==> flow/design.v <==
module ex_reg_bank #(
    parameter integer NUM_REGS = 4,
    parameter integer DATA_W = 4,
    parameter integer RPORTS = 5,
    parameter integer AW = $clog2(NUM_REGS)
) (
    input wire clk_i,
    input wire we,
    input wire [AW-1:0] wa,
    input wire [DATA_W-1:0] din,
    input wire [RPORTS*AW-1:0] read_addr,
    output wire [RPORTS*DATA_W-1:0] rdata
);
    reg [DATA_W-1:0] rf [0:NUM_REGS-1];
    always @(posedge clk_i) begin
        if (we)
            rf[wa] <= din;
    end
    wire [RPORTS*DATA_W-1:0] r;
    genvar m;
    generate
        for (m = 0; m < RPORTS; m = m + 1) begin : row
            assign r[m*DATA_W +: DATA_W] = rf[read_addr[m*AW +: AW]];
        end
    endgenerate
    assign rdata = r;
endmodule
Tool chain data of ex_reg_bank
The steps from the RTL of ex_reg_bank to its reports follow in flow order.
Lines are those of the file above, counted from 1.
Operators: Yosys type, input widths -> output width; for muxes data width and select width s.
Cell names lack the library's common part.
{ "design": {"design": "ex_reg_bank", "clk_port": "clk_i", "cell_library": "sky130hd", "pvt_corner": "tt_025C_1v80"} }

Word-level counts
Counts by Yosys on the flattened word-level netlist (proc, flatten, opt, wreduce; memories kept). Register bits leave out memories and registers merged into their read ports (data or address); mux counts leave out enables and synchronous resets folded into registers. Print and check cells are left out. Cells with the same type and inputs are merged into one.
Yosys's memory passes give these memory sizes; they may raise the number of words (mostly to a power of two), join words into wider ones and drop unused or constant bits.
{ "classes": {"addsub": 0, "mul": 0, "n_div": 0, "compare": 0, "eq_ne": 0, "shift": 0, "mux": 3, "n_logic": 0, "reduce_logical": 0} }
{ "ops": {"columns": ["op", "count"], "rows": [
  ["$mux 4", 1],
  ["$mux 2", 1],
  ["$mux 1", 1]
]} }
{ "word_totals": {"register_bits": 0, "latch_bits": 0, "mem_bits_rw": 16, "mem_bits_ro": 0, "clocked_rd_ports_x_width": 0, "mem_count": 1, "inputBits": 18, "output_inout_bits": 20} }
{ "memory_table": {"columns": ["memory", "size", "word_bits", "rd", "write_ports", "line", "text"], "rows": [
  ["rf", 4, 4, 5, 1, 14, "reg [DATA_W-1:0] rf [0:NUM_REGS-1];"]
]} }

Depth
Depth = most cells in a row (Yosys ltp): at word level without a register or memory, in the mapped netlist without a sequential cell, where the memories' decode and read muxes count.
{ "logic_depth": {"ltp_word": 1, "ABC_AREA": 0, "depth_mapped": 1, "depth_no_buf": 1} }

Netlist
The flow's flattened synthesis, as Yosys stat reports it; memories are mapped. The netlist is that of the ABC_AREA named above (0 if unset); the other value can give another one.
Totals and module areas in this step are rounded.
{ "types": {"columns": ["cell_type", "count", "area_total_um2"], "rows": [
  ["mux4_1", 20, 525.504],
  ["edfxtp_1", 16, 480.461],
  ["and3b_1", 2, 17.517],
  ["nor3b_1", 1, 7.507],
  ["and3_1", 1, 6.256]
]} }
{ "mapped": {"stdcells": 40, "area_um2": 1037, "sequential_area_um2": 480.5, "ffs": 16, "buffers": 0} }

Timing after synthesis
Source: OpenSTA report_checks on the synthesized netlist (no wires, ideal clock, input and output delay 20% of the period each), path of least setup slack; recovery checks are left aside. Register names are those of the netlist, which keeps one name where synthesis merged equal registers.
{ "synth_timing": {"path_kind": "reg2out", "startpoint": "memory rf[1][0]", "endpoint": "output port rdata[0]", "tclk_ns": 1.48, "output_delay_ns": 0.296, "t_arrival_ns": 0.946, "slack_ns": 0.238, "path_delay_ns": 0.946, "driving_pins": 2, "path_buffers": 0, "synth_period_reached_ns": 1.242} }
"path_delay_ns" = arrival - input delay + setup time.
At an output port there is no setup time.
"driving_pins" counts driving pins, that of a launching flip-flop among them; a cell with two outputs on the path counts twice.
"synth_period_reached_ns" is the clock period less the worst setup slack; recovery checks do not enter. This is arithmetic on one report: input and output delays are still those of the set period (20% each).
Between the ends stands the longest chain of elaborated cells between them, by number of cells; it is not shown to be the way that was timed. Of several equally long chains one is given.
A line is the first line of the expression or statement that the cell stems from. Yosys adds cells for indexed reads and writes and turns some case tables into memories.
The chain passes a memory read, where the word-level depth is cut; so it can be longer than that depth.
{ "synth_between": {"path_cell_list": "edfxtp_1 mux4_1", "elab_chain_len": 1, "cells_between": 1, "cone_lines": 1} }
{ "synth_lines": {"columns": ["item", "line", "text"], "rows": [
  ["from (decl)", 14, "reg [DATA_W-1:0] rf [0:NUM_REGS-1];"],
  ["$mem_v2 4x4", 14, null],
  ["to (decl)", 12, "output wire [RPORTS*DATA_W-1:0] rdata"]
]} }

Worst path after layout
Path of least setup slack in the final report of job 1 (OpenROAD, finished layout, wires in). Where an end is a register, its clock arrival counts in the times.
{ "layout_timing": {"path_kind": "reg2out", "startpoint": "memory rf[1][0]", "endpoint": "output port rdata[4]", "tclk_ns": 1.89, "output_delay_ns": 0.38, "t_arrival_ns": 1.52, "slack_ns": -0.01, "driving_pins": 4, "path_buffers": 2} }
Between the ends stands the longest chain of elaborated cells between them, by number of cells; it is not shown to be the way that was timed. Of several equally long chains one is given.
The chain passes a memory read, where the word-level depth is cut; so it can be longer than that depth.
{ "layout_between": {"path_cell_list": "edfxtp_1 buf_4 mux4_1 buf_2", "elab_chain_len": 1, "cells_between": 1, "cone_lines": 1} }
{ "layout_lines": {"columns": ["item", "line", "text"], "rows": [
  ["from (decl)", 14, "reg [DATA_W-1:0] rf [0:NUM_REGS-1];"],
  ["$mem_v2 4x4", 14, null],
  ["to (decl)", 12, "output wire [RPORTS*DATA_W-1:0] rdata"]
]} }

Memo
Re: implementation data of ex_reg_bank

Below are 3 stored runs of the flow (Yosys, OpenROAD; platform sky130hd) on ex_reg_bank, each with its settings and what was measured, unordered. Constraints: input delay and output delay 20% of the set period each, output load 0.01 pF.
"clock_period_reached_ns" = clock period - worst setup slack. The figure is calculated, with input and output delays left at 20% of the set period.
"critical_path_time_ns": the worst setup path's part of the clock period (all of it between registers, 20% less for each end at a port) less its slack. A launch clock that arrives late makes it longer, a capture clock that arrives late makes it shorter.
"power_total_w": no workload was simulated; the value follows from the tool's default switching activity.
Values from the reports are rounded here.
[
  {
    "run": "job 1",
    "settings": { "period_ns": 1.89, "CORE_UTILIZATION": 46, "SETUP_SLACK_MARGIN": -0.04, "PLACE_DENSITY_LB_ADDON": 0.19, "CORE_MARGIN": 8, "CELL_PAD_IN_SITES_GLOBAL_PLACEMENT": 1, "GPL_ROUTABILITY_DRIVEN": 0, "MIN_ROUTING_LAYER": "met2", "MAX_ROUTING_LAYER": "met5", "CAP_MARGIN": 20, "SLEW_MARGIN": 20 },
    "results": { "synthArea_um2": 1037, "final_die_area_um2": 4030, "finish.stdcell_area_um2": 1498, "worstSetupSlack_ns": -0.005, "setup_tns_ns": -0.005, "timing.hold.ws_ns": 0.726, "power_total_w": 0.0008376, "clock_period_reached_ns": 1.895, "critical_path_time_ns": 1.52, "worst_path_kind": "reg2out" }
  },
  {
    "run": "job 2",
    "settings": { "period_ns": 2.05, "CORE_UTILIZATION": 32, "SETUP_SLACK_MARGIN": -0.11, "CORE_MARGIN": 3, "CELL_PAD_IN_SITES_GLOBAL_PLACEMENT": 0, "ABC_AREA": 0, "GPL_ROUTABILITY_DRIVEN": 0, "CTS_CLUSTER_SIZE": 39, "CAP_MARGIN": 20, "SLEW_MARGIN": 20 },
    "results": { "synthArea_um2": 1037, "final_die_area_um2": 3961, "finish.stdcell_area_um2": 1562, "worstSetupSlack_ns": -0.011, "setup_tns_ns": -0.011, "timing.hold.ws_ns": 0.773, "power_total_w": 0.0007451, "clock_period_reached_ns": 2.061, "critical_path_time_ns": 1.65, "worst_path_kind": "reg2out" }
  },
  {
    "run": "job 3",
    "settings": { "period_ns": 1.48, "CAP_MARGIN": 20, "CORE_MARGIN": 2, "CORE_UTILIZATION": 40, "SLEW_MARGIN": 20 },
    "results": { "synthArea_um2": 1037, "final_die_area_um2": 3016, "finish.stdcell_area_um2": 1555, "worstSetupSlack_ns": -0.282, "setup_tns_ns": -4.913, "timing.hold.ws_ns": 0.662, "power_total_w": 0.001114, "clock_period_reached_ns": 1.762, "critical_path_time_ns": 1.47, "worst_path_kind": "reg2out" }
  }
]
